==> flow/design.v <==
module as_core_n #(
    parameter WIDTH = 32
) (
    input  wire clk,
    input  wire [WIDTH-1:0] i_op_a,
    input  wire [WIDTH-1:0] i_op_b,
    output wire [WIDTH-1:0] o_res
);
    reg [WIDTH-1:0] op_a_r;
    reg [WIDTH-1:0] op_b_r;
    always @(posedge clk) begin
        op_a_r <= i_op_a;
        op_b_r <= i_op_b;
    end
    assign o_res = (op_a_r > op_b_r) ? op_a_r - op_b_r : op_b_r - op_a_r;
endmodule
### Tool chain data of as_core_n

What the tools print for as_core_n, step after step.
Line numbers count from 1 in the design file above.
Operators carry their Yosys type and port widths (W data, S select, Z words).
Cell names lack the library's common part.
A cell with n/a has no value.

| inputs | value |
|---|---|
| design top | as_core_n |
| clock | clk |
| cell library | sky130hd |
| timing corner | tt_025C_1v80 |

### Word level

Yosys after proc, flatten, opt, wreduce and memory -nomap, before mapping. Enables and synchronous resets that opt folds into registers are not counted as muxes. Memory bits, and registers merged into a memory's read port (data or address), are not among the register bits. Print and check cells are not counted. Equal cells are merged and count once.

| bit counts | value |
|---|---|
| register bits after elaboration | 64 |
| bits of input ports | 65 |
| output and inout port bits | 32 |
| elaborated cells | 6 |

| operators by class | value |
|---|---|
| $add $sub $neg | 2 |
| magnitude comparators | 1 |
| mux-type cells | 1 |

Operators with widths:

| operator | count |
|---|---|
| $sub A32 B32 Y32 | 2 |
| $gt A32 B32 Y1 | 1 |
| $mux W32 | 1 |

### Longest topological paths

Longest topological path by Yosys (ltp), each cell counted once; first at word level (registers and memories cut), then after technology mapping (sequential cells cut; the memories' decode and read muxes count).

| logic depth | value |
|---|---|
| depth after elaboration | 2 |
| ABC_AREA | 0 |
| mapped depth | 14 |
| depth with buffers taken out | 12 |

### Mapped cells and area

Source: synth_stat.txt of the flow (Yosys; design flattened, memories mapped). It holds for the ABC_AREA given above (unset counts as 0); a run with the other value may have another netlist.
Totals and module areas in this step are rounded.

Cell types:

| cell type | count | area in all (um^2) |
|---|---|---|
| dfxtp_1 | 64 | 1.28E+03 |
| ha_1 | 63 | 788.256 |
| a21oi_1 | 71 | 355.341 |
| inv_1 | 75 | 281.52 |
| o21ai_0 | 34 | 170.163 |
| a21o_1 | 22 | 165.158 |
| nand2_1 | 40 | 150.144 |
| mux2i_1 | 14 | 140.134 |
| xnor2_1 | 16 | 140.134 |
| xor2_1 | 13 | 113.859 |
| o21a_1 | 14 | 105.101 |
| nor2_1 | 25 | 93.84 |
| buf_2 | 18 | 90.086 |
| nand4_1 | 11 | 68.816 |
| nor2b_1 | 10 | 62.56 |
| nor3_1 | 10 | 50.048 |
| a31oi_1 | 7 | 43.792 |
| nand2b_1 | 7 | 43.792 |

Not listed: further types 50, cells in them 87.

| synthesis totals | value |
|---|---|
| standard cells after synthesis | 601 |
| chip area (Yosys) | 4920 um^2 |
| area of sequential cells | 1280 um^2 |
| flip-flop cells | 64 |
| buffers | 29 |

### Timing after synthesis

Source: OpenSTA report_checks on the synthesized netlist (no wires, ideal clock, input and output delay 20% of the period each), path of least setup slack; recovery checks are left aside. Register names are those of the netlist, which keeps one name where synthesis merged equal registers.

| timing path post-synthesis | value |
|---|---|
| path type | flip-flop to output port |
| from | reg op_a_r[0] |
| to | out o_res[30] |
| period | 4.48 ns |
| output delay | 0.896 ns |
| time at the first pin | 0.000 ns |
| arrival time | 2.865 ns |
| data required time | 3.584 ns |
| slack | 0.719 ns |
| path delay | 2.865 ns |
| stages on the path | 14 |
| buffers on the path | 1 |
| synthesis period reached | 3.761 ns |

"path delay" = arrival - input delay + setup time.
A path that ends at an output port has no setup time.
"stages on the path": output pins that drive a net of the path, with the launching flip-flop's if there is one; two outputs of one cell count as two.
"synthesis period reached" is the clock period less the worst setup slack; recovery checks do not enter. This is arithmetic on one report: input and output delays are still those of the set period (20% each).
The rows between start and end are the longest chain of elaborated cells between them; the timing report does not say that the signal goes this way. Where chains are equally long, one stands for them.
A line is the first line of the expression or statement that the cell stems from. Yosys adds cells for indexed reads and writes and turns some case tables into memories.

| between the ends, post-synthesis | value |
|---|---|
| cell sequence | dfxtp_1 -> inv_1 -> ha_1 -> fa_1 -> nand2b_1 -> a2111oi_4 -> o311ai_4 -> a21oi_2 -> o21ai_4 -> nand2_4 -> buf_8 -> mux2_1 -> a221oi_2 -> xnor2_1 |
| cells in the longest elaborated chain | 2 |
| elaborated cells on any way between the ends | 4 |
| RTL lines with such cells | 1 |
| those cells by class | add/sub (2); compare (1); mux (1) |

RTL lines, path post-synthesis:

| item | line | RTL |
|---|---|---|
| start: declaration | 9 | `reg [WIDTH-1:0] op_a_r;` |
| start: assignment | 12 | `op_a_r <= i_op_a;` |
| $sub A32 B32 Y32 | 15 | `assign o_res = (op_a_r > op_b_r) ? op_a_r - op_b_r : op_b_r - op_a_r;` |
| $mux W32 | 15 |  |
| end: declaration | 7 | `output wire [WIDTH-1:0] o_res` |

### Path in the finished layout

From the final timing report of run 1: the path of least setup slack in the routed layout; clock arrival at registers is part of the times.

| timing path after layout | value |
|---|---|
| path type | flip-flop to output port |
| from | reg op_a_r[0] |
| to | out o_res[20] |
| period | 6.8 ns |
| output delay | 1.36 ns |
| time at the first pin | 0.37 ns |
| arrival time | 3.97 ns |
| data required time | 5.44 ns |
| slack | 1.47 ns |
| stages on the path | 15 |
| buffers on the path | 2 |

The rows between start and end are the longest chain of elaborated cells between them; the timing report does not say that the signal goes this way. Where chains are equally long, one stands for them.

| between the ends, after layout | value |
|---|---|
| cell sequence | dfxtp_1 -> inv_1 -> ha_1 -> fa_1 -> nand2b_1 -> a2111oi_4 -> o311ai_4 -> a21oi_4 -> o21ai_4 -> nand2_8 -> buf_4 -> mux2i_1 -> a21oi_1 -> xnor2_1 -> clkdlybuf4s50_1 |
| cells in the longest elaborated chain | 2 |
| elaborated cells on any way between the ends | 4 |
| RTL lines with such cells | 1 |
| those cells by class | add/sub (2); compare (1); mux (1) |

RTL lines, path after layout:

| item | line | RTL |
|---|---|---|
| start: declaration | 9 | `reg [WIDTH-1:0] op_a_r;` |
| start: assignment | 12 | `op_a_r <= i_op_a;` |
| $sub A32 B32 Y32 | 15 | `assign o_res = (op_a_r > op_b_r) ? op_a_r - op_b_r : op_b_r - op_a_r;` |
| $mux W32 | 15 |  |
| end: declaration | 7 | `output wire [WIDTH-1:0] o_res` |

Record of 3 stored runs of the RTL-to-layout flow on as_core_n, platform sky130hd. The runs are unordered. Constraints: input delay and output delay 20% of the set period each, output load 0.01 pF.
"achieved period" means the clock period less the worst setup slack. The figure is calculated, with input and output delays left at 20% of the set period.
"worst setup path time" means the part of the period allowed to the worst setup path (the constraints hold back 20% at inputs and 20% at outputs) less its slack; where the path has registers, the arrival times of their clocks count too.
By "total design power" is meant OpenSTA's value without simulated activity: inputs other than the clock are taken to toggle once in ten clock periods, and the tool carries that through the logic.
The results are shown rounded.

#### Run 1

| setting | value |
|---|---|
| period_ns | `6.8` |
| CORE_UTILIZATION | `45` |
| SETUP_SLACK_MARGIN | `1.27` |
| PLACE_DENSITY_LB_ADDON | `0.13` |
| CELL_PAD_IN_SITES_GLOBAL_PLACEMENT | `1` |
| CELL_PAD_IN_SITES_DETAIL_PLACEMENT | `0` |
| ABC_AREA | `0` |
| CTS_CLUSTER_SIZE | `54` |
| CAP_MARGIN | `20` |
| CORE_MARGIN | `2` |
| SLEW_MARGIN | `20` |

| result | value |
|---|---|
| achieved period | 5.331 ns |
| final worst hold slack | 1.42 ns |
| worst setup path time | 3.97 ns |
| critical path type | flip-flop to output port |
| standard-cell area after layout | 6270 um^2 |
| utilization after layout | 58.3 % |
| setup total negative slack | 0.000 ns |
| smallest setup slack | 1.47 ns |
| area inside the die boundary | 11800 um^2 |
| total design power | 1340 uW |
| post-synthesis cell area | 4920 um^2 |

#### Run 2

| setting | value |
|---|---|
| period_ns | `4.48` |
| CAP_MARGIN | `20` |
| CORE_MARGIN | `2` |
| CORE_UTILIZATION | `40` |
| SLEW_MARGIN | `20` |

| result | value |
|---|---|
| area inside the die boundary | 13200 um^2 |
| utilization after layout | 56.8 % |
| smallest setup slack | 0.142 ns |
| final worst hold slack | 0.980 ns |
| worst setup path time | 3.44 ns |
| critical path type | flip-flop to output port |
| standard-cell area after layout | 6820 um^2 |
| achieved period | 4.338 ns |
| setup total negative slack | 0.000 ns |
| total design power | 2230 uW |
| post-synthesis cell area | 4920 um^2 |

#### Run 3

| setting | value |
|---|---|
| period_ns | `4.7` |
| CORE_UTILIZATION | `31` |
| PLACE_DENSITY_LB_ADDON | `0.16` |
| TNS_END_PERCENT | `100` |
| CTS_CLUSTER_SIZE | `97` |
| MIN_ROUTING_LAYER | `met1` |
| MAX_ROUTING_LAYER | `met5` |
| CAP_MARGIN | `20` |
| CORE_MARGIN | `2` |
| SLEW_MARGIN | `20` |

| result | value |
|---|---|
| area inside the die boundary | 16900 um^2 |
| total design power | 1940 uW |
| achieved period | 4.494 ns |
| post-synthesis cell area | 4920 um^2 |
| worst setup path time | 3.55 ns |
| critical path type | flip-flop to output port |
| setup total negative slack | 0.000 ns |
| smallest setup slack | 0.206 ns |
| utilization after layout | 41.8 % |
| standard-cell area after layout | 6580 um^2 |
| final worst hold slack | 1.04 ns |
